==> flow/design.v <==
module sync_relation_top #(
  parameter DWIDTH = 14,
  parameter NUM = 12
) (
  input  logic sys_clk,
  input  logic RSTN,
  input  logic [NUM*DWIDTH-1:0] data,
  output logic [DWIDTH-1:0] hi
);
  logic [NUM*DWIDTH-1:0] data_d1;
  always_ff @(posedge sys_clk) begin
    if (!RSTN) begin
      data_d1 <= '0;
    end else begin
      data_d1 <= data;
    end
  end
  wire [DWIDTH-1:0] node [1:2*NUM-1];
  generate
    for (genvar gi = 0; gi < NUM; gi++) begin : row
      assign node[NUM+gi] = data_d1[gi*DWIDTH +: DWIDTH];
    end
    for (genvar gi = 1; gi < NUM; gi++) begin : each
      assign node[gi] = (node[2*gi] > node[2*gi+1]) ? node[2*gi] : node[2*gi+1];
    end
  endgenerate
  assign hi = node[1];
endmodule
# --- Reports on sync_relation_top ---
# The steps from the RTL of sync_relation_top to its reports follow in flow order.
# Lines are those of the file above, counted from 1.
# Library cell names are shortened.
setup:
  top: "sync_relation_top"
  clk_port: "sys_clk"
  lib: "sky130hd"
  pvt_corner: "tt_025C_1v80"

# --- Word-level counts ---
# Source: Yosys, flattened and elaborated. Widths are those after wreduce; folded enables and synchronous resets count as part of the registers. Registers that Yosys merges into a memory's read port (data or address) are not register bits. Print and check cells do not count. Equal cells are merged and count once.
word_totals:
  out_inout_bits: 14
  elab_cells: 23
  input_bits: 170
  reg_bits: 168
classes:
  n_cmp: 11
  muxes: 11
op_table:
  columns: ["operator", "n"]
  rows:
  - ["> comparator 14 bit", 11]
  - ["two-way mux 14 bit", 11]

# --- Depth ---
# Longest topological path by Yosys (ltp), each cell counted once; first at word level (registers and memories cut), then after technology mapping (sequential cells cut; the memories' decode and read muxes count).
logic_depth:
  word_depth: 8
  abc_area: 0
  depth_mapped: 51
  depth_no_buf: 44

# --- Netlist ---
# The flow's flattened synthesis, as Yosys stat reports it; memories are mapped. The netlist is that of the ABC_AREA named above (0 if unset); the other value can give another one.
# The area totals of this step are shown rounded.
mapped:
  cell_count: 1141
  ff_cells: 168
  area_um2: 10400
  buffers: 42
  seq_area_um2: 3360
types:
  columns: ["type", "n", "type_area_um2"]
  rows:
  - ["dfxtp_1", 168, 3.36E+03]
  - ["ha_1", 148, 1.85E+03]
  - ["and2_1", 168, 1.05E+03]
  - ["mux2i_1", 85, 850.816]
  - ["inv_1", 145, 544.272]
  - ["a21oi_1", 66, 330.317]
  - ["a21o_1", 26, 195.187]
  - ["mux2_2", 16, 180.173]
  - ["o21a_1", 23, 172.666]
  - ["o211ai_1", 22, 165.158]
  - ["nand4_1", 25, 156.4]
  - ["clkbuf_1", 34, 127.622]
  - ["nor2_1", 33, 123.869]
  - ["o21ai_1", 22, 110.106]
  - ["o21ai_0", 20, 100.096]
  - ["nand2_1", 25, 93.84]
  - ["nand4bb_1", 8, 90.086]
  - ["nor2b_1", 12, 75.072]
# Other cell types: 46; their cells: 95.

# --- Path before layout ---
# Path of least setup slack by OpenSTA after synthesis, without wires, with an ideal clock, recovery checks aside; 20% of the period is set as input and as output delay. Where synthesis merged equal registers, the netlist keeps one of their names.
synth_timing:
  path_kind: "reg-to-output"
  startpoint: "reg data_d1[139]"
  endpoint: "out hi[12]"
  launch_ns: 0.000
  setup_slack_ns: 2.059
  path_buffers: 7
  period_ns: 12.9
  driving_pins: 51
  arrival_ns: 8.261
  out_delay_ns: 2.580
  required_time_ns: 10.320
  path_delay_ns: 8.261
  period_less_setup_slack_ns: 10.841
# "path_delay_ns" is the arrival time less input delay plus setup time.
# A path that ends at an output port has no setup time.
# "driving_pins": output pins that drive a net of the path, with the launching flip-flop's if there is one; two outputs of one cell count as two.
# "period_less_setup_slack_ns" = period - worst setup slack (recovery checks aside). The figure is calculated, with input and output delays left at 20% of the set period.
# The rows between start and end are the longest chain of elaborated cells between them; the timing report does not say that the signal goes this way. Where chains are equally long, one stands for them.
# Each line given opens the expression or statement behind the cell; cells for indexed reads and writes are added by Yosys, which also makes memories of some case tables.
synth_between:
  cell_sequence: "dfxtp_1 inv_1 ha_1 nand2_2 nor4_4 o31ai_1 a22oi_2 clkbuf_1 clkbuf_1 nor2_1 a21oi_1 inv_1 ha_1 nor2b_1 o21ai_0 nand2b_1 nor3_1 a32oi_1 [15 not listed] buf_2 o21ai_1 o21ai_2 ha_1 nor2b_1 o21a_1 o21a_1 o21a_1 o21a_1 o21a_1 o21a_1 o21ai_0 a21oi_1 o31a_1 clkbuf_1 clkbuf_1 o211ai_1 o221ai_1"
  elab_chain_cells: 8
  cells_between: 8
  cone_lines: 1
  cone_classes: "compare: 4; mux: 4"
synth_rtl:
  columns: ["item", "line", "rtl"]
  rows:
  - ["start: declaration", 10, "logic [NUM*DWIDTH-1:0] data_d1;"]
  - ["start: assignment", 13, "data_d1 <= '0;"]
  - ["start: assignment", 15, "data_d1 <= data;"]
  - ["> comparator 14 bit", 24, "assign node[gi] = (node[2*gi] > node[2*gi+1]) ? node[2*gi] : node[2*gi+1];"]
  - ["two-way mux 14 bit", 24, null]
  - ["> comparator 14 bit", 24, null]
  - ["two-way mux 14 bit", 24, null]
  - ["> comparator 14 bit", 24, null]
  - ["two-way mux 14 bit", 24, null]
  - ["> comparator 14 bit", 24, null]
  - ["two-way mux 14 bit", 24, null]
  - ["end: declaration", 8, "output logic [DWIDTH-1:0] hi"]

# --- Timing after layout ---
# From the final timing report of flow run A: the path of least setup slack in the routed layout; clock arrival at registers is part of the times.
layout_timing:
  path_kind: "reg-to-output"
  startpoint: "reg data_d1[157]"
  endpoint: "out hi[12]"
  out_delay_ns: 2.58
  driving_pins: 46
  required_time_ns: 10.32
  launch_ns: 0.43
  arrival_ns: 9.76
  path_buffers: 4
  period_ns: 12.9
  setup_slack_ns: 0.56
# The rows between start and end are the longest chain of elaborated cells between them; the timing report does not say that the signal goes this way. Where chains are equally long, one stands for them.
layout_between:
  cell_sequence: "dfxtp_1 inv_1 ha_1 and4_1 o21ai_1 a311oi_2 o31ai_4 buf_4 mux2i_1 ha_1 a21oi_1 nor2b_1 o21ai_0 nand2b_1 nor3_1 a32oi_1 o211a_1 nor2_4 [10 not listed] a41o_1 or2_1 buf_4 mux2i_1 ha_1 nor2b_1 o21a_1 o21a_1 o21a_1 o21a_1 o21a_1 o21a_1 o21ai_0 a21oi_1 o31a_1 buf_4 o221ai_1 clkdlybuf4s50_1"
  elab_chain_cells: 8
  cells_between: 8
  cone_lines: 1
  cone_classes: "compare: 4; mux: 4"
layout_rtl:
  columns: ["item", "line", "rtl"]
  rows:
  - ["start: declaration", 10, "logic [NUM*DWIDTH-1:0] data_d1;"]
  - ["start: assignment", 13, "data_d1 <= '0;"]
  - ["start: assignment", 15, "data_d1 <= data;"]
  - ["> comparator 14 bit", 24, "assign node[gi] = (node[2*gi] > node[2*gi+1]) ? node[2*gi] : node[2*gi+1];"]
  - ["two-way mux 14 bit", 24, null]
  - ["> comparator 14 bit", 24, null]
  - ["two-way mux 14 bit", 24, null]
  - ["> comparator 14 bit", 24, null]
  - ["two-way mux 14 bit", 24, null]
  - ["> comparator 14 bit", 24, null]
  - ["two-way mux 14 bit", 24, null]
  - ["end: declaration", 8, "output logic [DWIDTH-1:0] hi"]

Data sheet: physical implementation of sync_relation_top

3 stored runs of sync_relation_top in the flow (synthesis by Yosys, layout by OpenROAD, sky130hd cells), in arbitrary order. Constraints: input delay and output delay 20% of the set period each, output load 0.01 pF.
"period_less_ws_ns": clock period set for the run, less the worst setup slack. It is reckoned from that one timing run; input and output delays stay at 20% of the period that was set.
By "worst_path_allowed_less_slack_ns" is meant the share of the clock period that the worst setup path is allowed (20% is reserved at inputs, 20% at outputs), minus its slack. Clock arrival times at its registers enter into it.
By "power_total_w" is meant OpenSTA's value without simulated activity: inputs other than the clock are taken to toggle once in ten clock periods, and the tool carries that through the logic.
Results are given in rounded form.

--- flow run A ---
==> flow/run.sh <==
#!/bin/bash
# the make line also repeats the synthesis and layout settings of config.mk as NAME=value (left out here)
make -C /OpenROAD-flow-scripts/flow DESIGN_CONFIG=/design/flow/config.mk WORK_HOME=/design/flow/orfs CLKGATE_MAP_FILE= finish
==> flow/config.mk <==
export PLATFORM = sky130hd
export DESIGN_NAME = sync_relation_top
export DESIGN_NICKNAME = sync_relation_top
export VERILOG_FILES = /design/flow/design.v
export SDC_FILE = /design/flow/constraint.sdc
export NUM_CORES = 4
export LEC_CHECK = 0
export CAP_MARGIN = 20
export CORE_MARGIN = 2
export CORE_UTILIZATION = 40
export SLEW_MARGIN = 20
==> flow/constraint.sdc <==
create_clock -name core_clock -period 12.9 [get_ports {sys_clk}]
set_input_delay 2.5800 -clock core_clock [delete_from_list [all_inputs] [get_ports {sys_clk}]]
set_output_delay 2.5800 -clock core_clock [all_outputs]
set_load 0.01 [all_outputs]

==> results, as YAML <==
results:
  worst_path_allowed_less_slack_ns: 9.76
  worst_path_kind: "reg-to-output"
  finalUtil_frac: 0.525
  final_hold_ws_ns: 2.71
  final_setup_tns_ns: 0.000
  final_cell_area_um2: 13300
  final_setup_ws_ns: 0.561
  period_less_ws_ns: 12.339
  synth_area_um2: 10400
  die_footprint_um2: 27300
  power_total_w: 0.00214

--- flow run B ---
==> flow/run.sh <==
#!/bin/bash
# the make line also repeats the synthesis and layout settings of config.mk as NAME=value (left out here)
make -C /OpenROAD-flow-scripts/flow DESIGN_CONFIG=/design/flow/config.mk WORK_HOME=/design/flow/orfs CLKGATE_MAP_FILE= finish
==> flow/config.mk <==
export PLATFORM = sky130hd
export DESIGN_NAME = sync_relation_top
export DESIGN_NICKNAME = sync_relation_top
export VERILOG_FILES = /design/flow/design.v
export SDC_FILE = /design/flow/constraint.sdc
export NUM_CORES = 4
export LEC_CHECK = 0
export CAP_MARGIN = 20
export CELL_PAD_IN_SITES_DETAIL_PLACEMENT = 2
export CELL_PAD_IN_SITES_GLOBAL_PLACEMENT = 3
export CORE_MARGIN = 2
export CORE_UTILIZATION = 60
export CTS_CLUSTER_DIAMETER = 197
export CTS_CLUSTER_SIZE = 72
export GPL_TIMING_DRIVEN = 0
export MIN_ROUTING_LAYER = met1
export PLACE_DENSITY_LB_ADDON = 0.09
export SLEW_MARGIN = 20
export TNS_END_PERCENT = 60
==> flow/constraint.sdc <==
create_clock -name core_clock -period 14.7 [get_ports {sys_clk}]
set_input_delay 2.9400 -clock core_clock [delete_from_list [all_inputs] [get_ports {sys_clk}]]
set_output_delay 2.9400 -clock core_clock [all_outputs]
set_load 0.01 [all_outputs]

==> results, as YAML <==
outcome: "unfinished; error FLW-0024 in placement"

--- flow run C ---
==> flow/run.sh <==
#!/bin/bash
# the make line also repeats the synthesis and layout settings of config.mk as NAME=value (left out here)
make -C /OpenROAD-flow-scripts/flow DESIGN_CONFIG=/design/flow/config.mk WORK_HOME=/design/flow/orfs CLKGATE_MAP_FILE= finish
==> flow/config.mk <==
export PLATFORM = sky130hd
export DESIGN_NAME = sync_relation_top
export DESIGN_NICKNAME = sync_relation_top
export VERILOG_FILES = /design/flow/design.v
export SDC_FILE = /design/flow/constraint.sdc
export NUM_CORES = 4
export LEC_CHECK = 0
export ABC_AREA = 0
export CAP_MARGIN = 20
export CELL_PAD_IN_SITES_DETAIL_PLACEMENT = 2
export CORE_MARGIN = 2
export CORE_UTILIZATION = 45
export CTS_CLUSTER_DIAMETER = 30
export CTS_CLUSTER_SIZE = 14
export PLACE_DENSITY_LB_ADDON = 0.2
export SETUP_SLACK_MARGIN = -0.35
export SLEW_MARGIN = 20
export TNS_END_PERCENT = 95
==> flow/constraint.sdc <==
create_clock -name core_clock -period 8.62 [get_ports {sys_clk}]
set_input_delay 1.7240 -clock core_clock [delete_from_list [all_inputs] [get_ports {sys_clk}]]
set_output_delay 1.7240 -clock core_clock [all_outputs]
set_load 0.01 [all_outputs]

==> results, as YAML <==
outcome: "unfinished; error DPL-0033 in placement"
